==> flow/design.v <==
module core_arith #(
   parameter XLEN = 40
) (
   input  wire CLK,
   input  wire [XLEN-1:0] A,
   input  wire op,
   output wire [XLEN-1:0] d
);
   reg [XLEN-1:0] A_reg;
   reg op_reg;
   always @(posedge CLK) begin
      A_reg <= A;
      op_reg <= op;
   end
   assign d = (A_reg ^ {XLEN{op_reg}}) + op_reg;
endmodule
---- Tool chain data of core_arith ----
The steps from the RTL of core_arith to its reports follow in flow order.
Line numbers count from 1 in the design file above.
Operators: Yosys type, input widths -> output width; for muxes data width and select width s.
Not given: n/a
inputs
  top ..................................... core_arith
  clock ................................... CLK
  library ................................. sky130hd
  corner .................................. tt_025C_1v80

---- Elaborated design ----
Counts by Yosys on the flattened word-level netlist (proc, flatten, opt, wreduce; memories kept). Register bits leave out memories and registers merged into their read ports (data or address); mux counts leave out enables and synchronous resets folded into registers. Print and check cells are left out. Cells with the same type and inputs are merged into one.
word-level totals
  register bits after elaboration ......... 41
  input bits .............................. 42
  output and inout port bits .............. 40
  cells after elaboration ................. 4
cells by class
  add/subtract/negate cells ............... 1
  bitwise gates (word level) .............. 1
operator list
  cell            count
  $add 40x1->40   1
  $xor 40x40->40  1

---- Depth ----
Longest topological path by Yosys (ltp), each cell counted once; first at word level (registers and memories cut), then after technology mapping (sequential cells cut; the memories' decode and read muxes count).
logic depth
  depth in word-level cells ............... 2
  ABC_AREA ................................ 0
  gate-level depth with buffers ........... 12
  mapped depth without buffers ............ 9

---- After synthesis ----
Yosys stat after the flow's synthesis: flattened, memories mapped to cells. It holds for the ABC_AREA given above (unset counts as 0); a run with the other value may have another netlist.
Totals and module areas in this step are rounded.
cells by type
  cell type                  count  area in all (um2)
  sky130_fd_sc_hd__dfxtp_1   41     820.787
  sky130_fd_sc_hd__xnor2_1   40     350.336
  sky130_fd_sc_hd__xor2_1    17     148.893
  sky130_fd_sc_hd__nand2_1   20     75.072
  sky130_fd_sc_hd__nand2b_1  10     62.56
  sky130_fd_sc_hd__a21oi_1   11     55.053
  sky130_fd_sc_hd__o21ai_0   11     55.053
  sky130_fd_sc_hd__nor2_1    14     52.55
  sky130_fd_sc_hd__mux2i_1   5      50.048
  sky130_fd_sc_hd__nor3_1    8      40.038
  sky130_fd_sc_hd__nor2b_1   6      37.536
  sky130_fd_sc_hd__o22ai_1   6      37.536
  sky130_fd_sc_hd__o22a_1    4      35.034
  sky130_fd_sc_hd__or3_1     5      31.28
  sky130_fd_sc_hd__o211ai_1  4      30.029
  sky130_fd_sc_hd__ha_1      2      25.024
  sky130_fd_sc_hd__nand3_1   5      25.024
  sky130_fd_sc_hd__nand4_1   4      25.024
Other cell types: 44; their cells: 71.
synthesis totals
  cell count .............................. 284
  synthesis area .......................... 0.002547 mm2
  area of sequential cells ................ 0.0008208 mm2
  flip-flop cells ......................... 41
  buffer cells ............................ 9

---- Path before layout ----
OpenSTA on the mapped netlist: ideal clock, no wires. The path of least setup slack (recovery checks aside). Input and output delay are each 20% of the period. Register names are those of the netlist, which keeps one name where synthesis merged equal registers.
path after synthesis
  path type ............................... register to output
  start ................................... register op_reg
  end ..................................... output d[36]
  period .................................. 4.76 ns
  external output delay ................... 0.952 ns
  time at the first pin ................... 0.000 ns
  arrival time ............................ 3.047 ns
  data required time ...................... 3.808 ns
  path slack .............................. 0.761 ns
  delay of the path ....................... 3.047 ns
  stages .................................. 13
  path buffers ............................ 4
  synthesis period reached ................ 3.999 ns
"delay of the path" = arrival - input delay + setup time.
At an output port there is no setup time.
"stages" counts driving pins, that of a launching flip-flop among them; a cell with two outputs on the path counts twice.
"synthesis period reached" is the clock period less the worst setup slack; recovery checks do not enter. This is arithmetic on one report: input and output delays are still those of the set period (20% each).
Between the ends stands the longest chain of elaborated cells between them, by number of cells; it is not shown to be the way that was timed. Of several equally long chains one is given.
A line is the first line of the expression or statement that the cell stems from. Yosys adds cells for indexed reads and writes and turns some case tables into memories.
between the ends, after synthesis
  cells stage by stage .................... sky130_fd_sc_hd__dfxtp_1 -> sky130_fd_sc_hd__buf_4 -> sky130_fd_sc_hd__buf_2 -> sky130_fd_sc_hd__buf_1 -> sky130_fd_sc_hd__buf_4 -> sky130_fd_sc_hd__xor2_1 -> sky130_fd_sc_hd__ha_1 -> sky130_fd_sc_hd__nand2_1 -> sky130_fd_sc_hd__o22ai_2 -> sky130_fd_sc_hd__nand2_1 -> sky130_fd_sc_hd__nor3_1 -> sky130_fd_sc_hd__mux2_1 -> sky130_fd_sc_hd__xnor2_1
  length of the longest elaborated chain .. 2
  elaborated cells on any way between the ends .. 2
  RTL lines with such cells ............... 1
  classes of those cells .................. add/sub (1); logic (1)
RTL lines, path after synthesis
  what            line  text
  from (decl)     10    reg op_reg;
  from (assign)   13    op_reg <= op;
  $xor 40x40->40  15    assign d = (A_reg ^ {XLEN{op_reg}}) + op_reg;
  $add 40x1->40   15
  to (decl)       7     output wire [XLEN-1:0] d

---- Worst path after layout ----
Path of least setup slack in the final report of entry A (OpenROAD, finished layout, wires in). Where an end is a register, its clock arrival counts in the times.
path after layout
  path type ............................... register to output
  start ................................... register op_reg
  end ..................................... output d[27]
  period .................................. 4.68 ns
  external output delay ................... 0.94 ns
  time at the first pin ................... 0.28 ns
  arrival time ............................ 3.21 ns
  data required time ...................... 3.74 ns
  path slack .............................. 0.54 ns
  stages .................................. 9
  path buffers ............................ 2
Between the ends stands the longest chain of elaborated cells between them, by number of cells; it is not shown to be the way that was timed. Of several equally long chains one is given.
between the ends, after layout
  cells stage by stage .................... sky130_fd_sc_hd__dfxtp_4 -> sky130_fd_sc_hd__buf_2 -> sky130_fd_sc_hd__nand4b_1 -> sky130_fd_sc_hd__o22a_4 -> sky130_fd_sc_hd__or4_1 -> sky130_fd_sc_hd__or3_4 -> sky130_fd_sc_hd__nor2_2 -> sky130_fd_sc_hd__xnor2_1 -> sky130_fd_sc_hd__clkdlybuf4s50_1
  length of the longest elaborated chain .. 2
  elaborated cells on any way between the ends .. 2
  RTL lines with such cells ............... 1
  classes of those cells .................. add/sub (1); logic (1)
RTL lines, path after layout
  what            line  text
  from (decl)     10    reg op_reg;
  from (assign)   13    op_reg <= op;
  $xor 40x40->40  15    assign d = (A_reg ^ {XLEN{op_reg}}) + op_reg;
  $add 40x1->40   15
  to (decl)       7     output wire [XLEN-1:0] d

Hand-over note for core_arith

Settings and measured results of 3 stored flow runs for module core_arith (sky130hd), not sorted in any way. The constraints put input and output delay at 20% of the set period each and load the outputs with 0.01 pF.
"achieved clock period": clock period set for the run, less the worst setup slack. It is reckoned from that one timing run; input and output delays stay at 20% of the period that was set.
By "time used up by the worst setup path" is meant the share of the clock period that the worst setup path is allowed (20% is reserved at inputs, 20% at outputs), minus its slack. Clock arrival times at its registers enter into it.
By "total power after layout" is meant OpenSTA's value without simulated activity: inputs other than the clock are taken to toggle once in ten clock periods, and the tool carries that through the logic.
The measured numbers are rounded.

======== entry A ========
==> flow/run.sh <==
#!/bin/bash
# the make line also repeats the synthesis and layout settings of config.mk as NAME=value (left out here)
make -C /OpenROAD-flow-scripts/flow DESIGN_CONFIG=/design/flow/config.mk WORK_HOME=/design/flow/orfs CLKGATE_MAP_FILE= finish
==> flow/config.mk <==
export PLATFORM = sky130hd
export DESIGN_NAME = core_arith
export DESIGN_NICKNAME = core_arith
export VERILOG_FILES = /design/flow/design.v
export SDC_FILE = /design/flow/constraint.sdc
export NUM_CORES = 4
export LEC_CHECK = 0
export ABC_AREA = 0
export CAP_MARGIN = 40
export CELL_PAD_IN_SITES_DETAIL_PLACEMENT = 0
export CELL_PAD_IN_SITES_GLOBAL_PLACEMENT = 2
export CORE_ASPECT_RATIO = 1.51
export CORE_MARGIN = 2
export CORE_UTILIZATION = 33
export GPL_ROUTABILITY_DRIVEN = 0
export HOLD_SLACK_MARGIN = -0.08
export MAX_ROUTING_LAYER = met4
export MIN_ROUTING_LAYER = met1
export PLACE_DENSITY = 0.55
export SETUP_SLACK_MARGIN = 0.44
export SLEW_MARGIN = 20
export TNS_END_PERCENT = 10
==> flow/constraint.sdc <==
create_clock -name core_clock -period 4.68 [get_ports {CLK}]
set_input_delay 0.9360 -clock core_clock [delete_from_list [all_inputs] [get_ports {CLK}]]
set_output_delay 0.9360 -clock core_clock [all_outputs]
set_load 0.01 [all_outputs]

-------- measured, entry A --------
  Yosys chip area after synthesis ......... 0.002547 mm2
  full die area ........................... 0.008453 mm2
  standard-cell area of the final layout .. 0.003725 mm2
  worst setup slack after layout .......... 0.536 ns
  total negative slack on setup checks .... 0.000 ns
  worst hold slack ........................ 1.087 ns
  total power after layout ................ 1.084 mW
  achieved clock period ................... 4.144 ns
  time used up by the worst setup path .... 3.21 ns
  critical path type ...................... register to output

======== entry B ========
==> flow/run.sh <==
#!/bin/bash
# the make line also repeats the synthesis and layout settings of config.mk as NAME=value (left out here)
make -C /OpenROAD-flow-scripts/flow DESIGN_CONFIG=/design/flow/config.mk WORK_HOME=/design/flow/orfs CLKGATE_MAP_FILE= finish
==> flow/config.mk <==
export PLATFORM = sky130hd
export DESIGN_NAME = core_arith
export DESIGN_NICKNAME = core_arith
export VERILOG_FILES = /design/flow/design.v
export SDC_FILE = /design/flow/constraint.sdc
export NUM_CORES = 4
export LEC_CHECK = 0
export CAP_MARGIN = 20
export CELL_PAD_IN_SITES_GLOBAL_PLACEMENT = 0
export CORE_MARGIN = 2
export CORE_UTILIZATION = 16
export CTS_CLUSTER_SIZE = 56
export GPL_ROUTABILITY_DRIVEN = 1
export MAX_ROUTING_LAYER = met4
export PLACE_DENSITY = 0.68
export SETUP_SLACK_MARGIN = 0.3
export SLEW_MARGIN = 20
==> flow/constraint.sdc <==
create_clock -name core_clock -period 4.6 [get_ports {CLK}]
set_input_delay 0.9200 -clock core_clock [delete_from_list [all_inputs] [get_ports {CLK}]]
set_output_delay 0.9200 -clock core_clock [all_outputs]
set_load 0.01 [all_outputs]

-------- measured, entry B --------
  Yosys chip area after synthesis ......... 0.002547 mm2
  full die area ........................... 0.01695 mm2
  standard-cell area of the final layout .. 0.00389 mm2
  worst setup slack after layout .......... 0.395 ns
  total negative slack on setup checks .... 0.000 ns
  worst hold slack ........................ 1.074 ns
  total power after layout ................ 1.072 mW
  achieved clock period ................... 4.205 ns
  time used up by the worst setup path .... 3.28 ns
  critical path type ...................... register to output

======== entry C ========
==> flow/run.sh <==
#!/bin/bash
# the make line also repeats the synthesis and layout settings of config.mk as NAME=value (left out here)
make -C /OpenROAD-flow-scripts/flow DESIGN_CONFIG=/design/flow/config.mk WORK_HOME=/design/flow/orfs CLKGATE_MAP_FILE= finish
==> flow/config.mk <==
export PLATFORM = sky130hd
export DESIGN_NAME = core_arith
export DESIGN_NICKNAME = core_arith
export VERILOG_FILES = /design/flow/design.v
export SDC_FILE = /design/flow/constraint.sdc
export NUM_CORES = 4
export LEC_CHECK = 0
export CAP_MARGIN = 20
export CORE_MARGIN = 2
export CORE_UTILIZATION = 40
export SLEW_MARGIN = 20
==> flow/constraint.sdc <==
create_clock -name core_clock -period 4.76 [get_ports {CLK}]
set_input_delay 0.9520 -clock core_clock [delete_from_list [all_inputs] [get_ports {CLK}]]
set_output_delay 0.9520 -clock core_clock [all_outputs]
set_load 0.01 [all_outputs]

-------- measured, entry C --------
  Yosys chip area after synthesis ......... 0.002547 mm2
  full die area ........................... 0.007023 mm2
  standard-cell area of the final layout .. 0.003532 mm2
  worst setup slack after layout .......... 0.210 ns
  total negative slack on setup checks .... 0.000 ns
  worst hold slack ........................ 1.087 ns
  total power after layout ................ 0.8392 mW
  achieved clock period ................... 4.550 ns
  time used up by the worst setup path .... 3.60 ns
  critical path type ...................... register to output

End of note.
